==> flow/design.v <==
module my_arith_stage #(
  parameter integer DW = 80
) (
  input core_clk,
  input nrst,
  input [DW-1:0] src1_i,
  input [DW-1:0] src2_i,
  input minus_i,
  output [DW:0] result_o
);
  reg [DW-1:0] src1_q;
  always @(posedge core_clk) begin
    if (!nrst) begin
      src1_q <= 0;
    end else begin
      src1_q <= src1_i;
    end
  end
  reg [DW-1:0] src2_q;
  always @(posedge core_clk) begin
    if (!nrst) begin
      src2_q <= 0;
    end else begin
      src2_q <= src2_i;
    end
  end
  reg minus_q;
  always @(posedge core_clk) begin
    if (!nrst) begin
      minus_q <= 1'b0;
    end else begin
      minus_q <= minus_i;
    end
  end
  reg [DW:0] t_q;
  always @(posedge core_clk) begin
    if (!nrst) begin
      t_q <= 0;
    end else begin
      t_q <= src1_q + src2_q;
    end
  end
  reg [DW:0] aux_q;
  always @(posedge core_clk) begin
    if (!nrst) begin
      aux_q <= 0;
    end else begin
      aux_q <= src1_q - src2_q;
    end
  end
  reg minus_q_d;
  always @(posedge core_clk) begin
    if (!nrst) begin
      minus_q_d <= 1'b0;
    end else begin
      minus_q_d <= minus_q;
    end
  end
  reg [DW:0] result_q;
  always @(posedge core_clk) begin
    if (!nrst) begin
      result_q <= 0;
    end else begin
      result_q <= minus_q_d ? aux_q : t_q;
    end
  end
  assign result_o = result_q;
endmodule
* Tool chain data of my_arith_stage
The steps from the RTL of my_arith_stage to its reports follow in flow order.
Line numbers count from 1 in the design file above.
Operators: Yosys type, input widths -> output width; for muxes data width and select width s.
The mark n/a stands for no value.
- Top :: my_arith_stage
- Clock input :: core_clk
- Cell library :: sky130hd
- Corner :: tt_025C_1v80

* Word level
Source: Yosys, flattened and elaborated, memories not mapped. Widths are those after wreduce; folded enables and synchronous resets count as part of the registers. Registers that Yosys merges into a memory's read port (data or address) are not register bits. Print and check cells do not count. Equal cells are merged and count once.
- Output and inout bits :: 81
- Bits in registers :: 405
- Input bits :: 163
- $add $sub $neg :: 2
- Mux-type cells :: 1
** Operators with widths (number)
- $add 80x80->81 :: 1
- $sub 80x80->81 :: 1
- $mux 81 :: 1

* Depth
Yosys ltp: most cells in a row. Word level: on the elaborated netlist, between registers, memories and ports. Mapped: between sequential cells and ports; inverters and the memories' decode and read muxes count.
- Depth after elaboration :: 1
- ABC_AREA :: 0
- Gate-level depth with buffers :: 13

* Synthesis result
Yosys stat after the flow's synthesis: flattened, memories mapped to cells. It holds for the ABC_AREA given above (unset counts as 0); a run with the other value may have another netlist.
- Flip-flop cells :: 404
- Mapped cells :: 2555
- Buffer cells :: 130
- Cell area after synthesis :: 21490.6 um2
** Cells by type (number)
- sky130_fd_sc_hd__dfxtp_1 :: 404
- sky130_fd_sc_hd__ha_1 :: 160
- sky130_fd_sc_hd__nor2_1 :: 326
- sky130_fd_sc_hd__a21oi_1 :: 239
- sky130_fd_sc_hd__and2_1 :: 167
- sky130_fd_sc_hd__mux2i_1 :: 94
- sky130_fd_sc_hd__xnor2_1 :: 107
- sky130_fd_sc_hd__inv_1 :: 173
- sky130_fd_sc_hd__o21ai_0 :: 113
- sky130_fd_sc_hd__o21bai_1 :: 60
- sky130_fd_sc_hd__nand2_1 :: 105
- sky130_fd_sc_hd__clkbuf_1 :: 80
- sky130_fd_sc_hd__a21o_1 :: 31
- sky130_fd_sc_hd__o31ai_1 :: 31
- sky130_fd_sc_hd__nand4_1 :: 36
- sky130_fd_sc_hd__nor3_1 :: 45
- sky130_fd_sc_hd__nor4_1 :: 35
- sky130_fd_sc_hd__nand3_1 :: 37
Other cell types: 64; their cells: 312.

* Timing after synthesis
Source: OpenSTA report_checks on the synthesized netlist (no wires, ideal clock, input and output delay 20% of the period each), path of least setup slack; recovery checks are left aside. Register names are those of the netlist, which keeps one name where synthesis merged equal registers.
- Kind :: register to register
- From :: register src1_q[0]
- To :: register aux_q[62]
- Launch time at the first pin :: 0.000 ns
- Setup slack :: 0.744 ns
- Setup time :: 0.128 ns
- Data arrival time :: 2.858 ns
- Stages :: 14
- Period :: 3.73 ns
- Buffers on the path :: 0
- Path delay :: 2.986 ns
- Period reached after synthesis :: 2.986 ns
"path delay" is the arrival time less input delay plus setup time.
"stages": output pins that drive a net of the path, with the launching flip-flop's if there is one; two outputs of one cell count as two.
"period reached after synthesis" = period - worst setup slack (recovery checks aside). The figure is calculated, with input and output delays left at 20% of the set period.
Between the ends stands the longest chain of elaborated cells between them, by number of cells; it is not shown to be the way that was timed. Of several equally long chains one is given.
A line is the first line of the expression or statement that the cell stems from. Yosys adds cells for indexed reads and writes and turns some case tables into memories.
- Cell sequence :: sky130_fd_sc_hd__dfxtp_1 -> sky130_fd_sc_hd__inv_1 -> sky130_fd_sc_hd__ha_1 -> sky130_fd_sc_hd__fa_1 -> sky130_fd_sc_hd__nand2b_1 -> sky130_fd_sc_hd__a21oi_1 -> sky130_fd_sc_hd__o21ai_1 -> sky130_fd_sc_hd__a211oi_2 -> sky130_fd_sc_hd__o2111ai_1 -> sky130_fd_sc_hd__a2111oi_1 -> sky130_fd_sc_hd__a2111oi_2 -> sky130_fd_sc_hd__o41ai_2 -> sky130_fd_sc_hd__xnor2_1 -> sky130_fd_sc_hd__nor2_1
- Length of the longest elaborated chain :: 1
- Elaborated cells on any way between the ends :: 1
- Source lines of those cells :: 1
- Those cells by class :: add/sub: 1
** Ends and longest elaborated chain, after synthesis
- from (decl) :: line 11 : reg [DW-1:0] src1_q;
- from (assign) :: line 14 : src1_q <= 0;
- from (assign) :: line 16 : src1_q <= src1_i;
- $sub 80x80->81 :: line 48 : aux_q <= src1_q - src2_q;
- to (assign) :: line 46 : aux_q <= 0;
- to (assign) :: line 48
- to (decl) :: line 43 : reg [DW:0] aux_q;

* Worst path after layout
Path of least setup slack in the final report of flow run A (OpenROAD, finished layout, wires in). Where an end is a register, its clock arrival counts in the times.
- Kind :: register to register
- From :: register src2_q[16]
- To :: register t_q[69]
- Stages :: 16
- Period :: 3.73 ns
- Launch time at the first pin :: 0.58 ns
- Setup slack :: 0.10 ns
- Buffers on the path :: 3
- Setup time :: 0.07 ns
- Data arrival time :: 4.15 ns
Between the ends stands the longest chain of elaborated cells between them, by number of cells; it is not shown to be the way that was timed. Of several equally long chains one is given.
- Cell sequence :: sky130_fd_sc_hd__dfxtp_1 -> sky130_fd_sc_hd__inv_1 -> sky130_fd_sc_hd__ha_1 -> sky130_fd_sc_hd__nor4_2 -> sky130_fd_sc_hd__nand2_1 -> sky130_fd_sc_hd__a311oi_2 -> sky130_fd_sc_hd__buf_4 -> sky130_fd_sc_hd__o311ai_2 -> sky130_fd_sc_hd__a31oi_1 -> sky130_fd_sc_hd__buf_4 -> sky130_fd_sc_hd__o21ai_1 -> sky130_fd_sc_hd__o211ai_1 -> sky130_fd_sc_hd__a311oi_2 -> sky130_fd_sc_hd__buf_4 -> sky130_fd_sc_hd__o21ai_1 -> sky130_fd_sc_hd__mux2i_1
- Length of the longest elaborated chain :: 1
- Elaborated cells on any way between the ends :: 1
- Source lines of those cells :: 1
- Those cells by class :: add/sub: 1
** Ends and longest elaborated chain, post-layout
- from (decl) :: line 19 : reg [DW-1:0] src2_q;
- from (assign) :: line 22 : src2_q <= 0;
- from (assign) :: line 24 : src2_q <= src2_i;
- $add 80x80->81 :: line 40 : t_q <= src1_q + src2_q;
- to (assign) :: line 38 : t_q <= 0;
- to (assign) :: line 40
- to (decl) :: line 35 : reg [DW:0] t_q;

Below are 3 stored runs of the flow (Yosys, OpenROAD; platform sky130hd) on my_arith_stage, each with its settings and what was measured, unordered. Constraints: input delay and output delay 20% of the set period each, output load 0.01 pF.
By "achieved clock period" is meant the clock period of the run minus its worst setup slack. This is arithmetic on one report: input and output delays are still those of the set period (20% each).
"worst path time": the worst setup path's part of the clock period (all of it between registers, 20% less for each end at a port) less its slack. A launch clock that arrives late makes it longer, a capture clock that arrives late makes it shorter.
"total power after layout": no workload was simulated; the value follows from the tool's default switching activity.

** Flow run A
- Settings :: period_ns=3.73; CAP_MARGIN=20; CORE_MARGIN=2; CORE_UTILIZATION=40; SLEW_MARGIN=20
- Worst path time :: 3.63 ns
- Worst setup path kind :: register to register
- Die footprint :: 55,596.9 um2
- Total negative slack :: 0.000 ns
- Achieved clock period :: 3.634 ns
- Total power after layout :: 12,053 µW
- Worst setup slack after layout :: 0.096 ns
- Standard-cell area after layout :: 26,940.8 um2
- Post-synthesis cell area :: 21,490.6 um2
- Final design utilization :: 0.51
- Worst hold slack after layout :: 0.438 ns

** Flow run B
- Settings :: period_ns=1.9; CORE_UTILIZATION=36; SETUP_SLACK_MARGIN=0.07; PLACE_DENSITY=0.35; ABC_AREA=1; CAP_MARGIN=0; CORE_MARGIN=2; SLEW_MARGIN=20
- Die footprint :: 75,490.3 um2
- Post-synthesis cell area :: 26,391.6 um2
- Achieved clock period :: 2.356 ns
- Worst setup slack after layout :: -0.456 ns
- Final design utilization :: 0.625
- Total power after layout :: 29,916 µW
- Worst hold slack after layout :: 0.101 ns
- Total negative slack :: -35.112 ns
- Standard-cell area after layout :: 45,476.1 um2
- Worst path time :: 2.36 ns
- Worst setup path kind :: register to register

** Flow run C
- Settings :: period_ns=5.3; CORE_UTILIZATION=26; PLACE_DENSITY=0.75; HOLD_SLACK_MARGIN=0.02; CORE_MARGIN=2; ABC_AREA=1; GPL_ROUTABILITY_DRIVEN=1; CTS_CLUSTER_SIZE=80; CTS_CLUSTER_DIAMETER=261; MIN_ROUTING_LAYER=met1; CAP_MARGIN=20; SLEW_MARGIN=20
- Standard-cell area after layout :: 30,076.3 um2
- Die footprint :: 104,071.0 um2
- Total negative slack :: 0.000 ns
- Worst path time :: 3.18 ns
- Worst setup path kind :: register to register
- Final design utilization :: 0.3
- Post-synthesis cell area :: 26,391.6 um2
- Achieved clock period :: 3.177 ns
- Worst hold slack after layout :: 0.302 ns
- Total power after layout :: 6,778 µW
- Worst setup slack after layout :: 2.123 ns
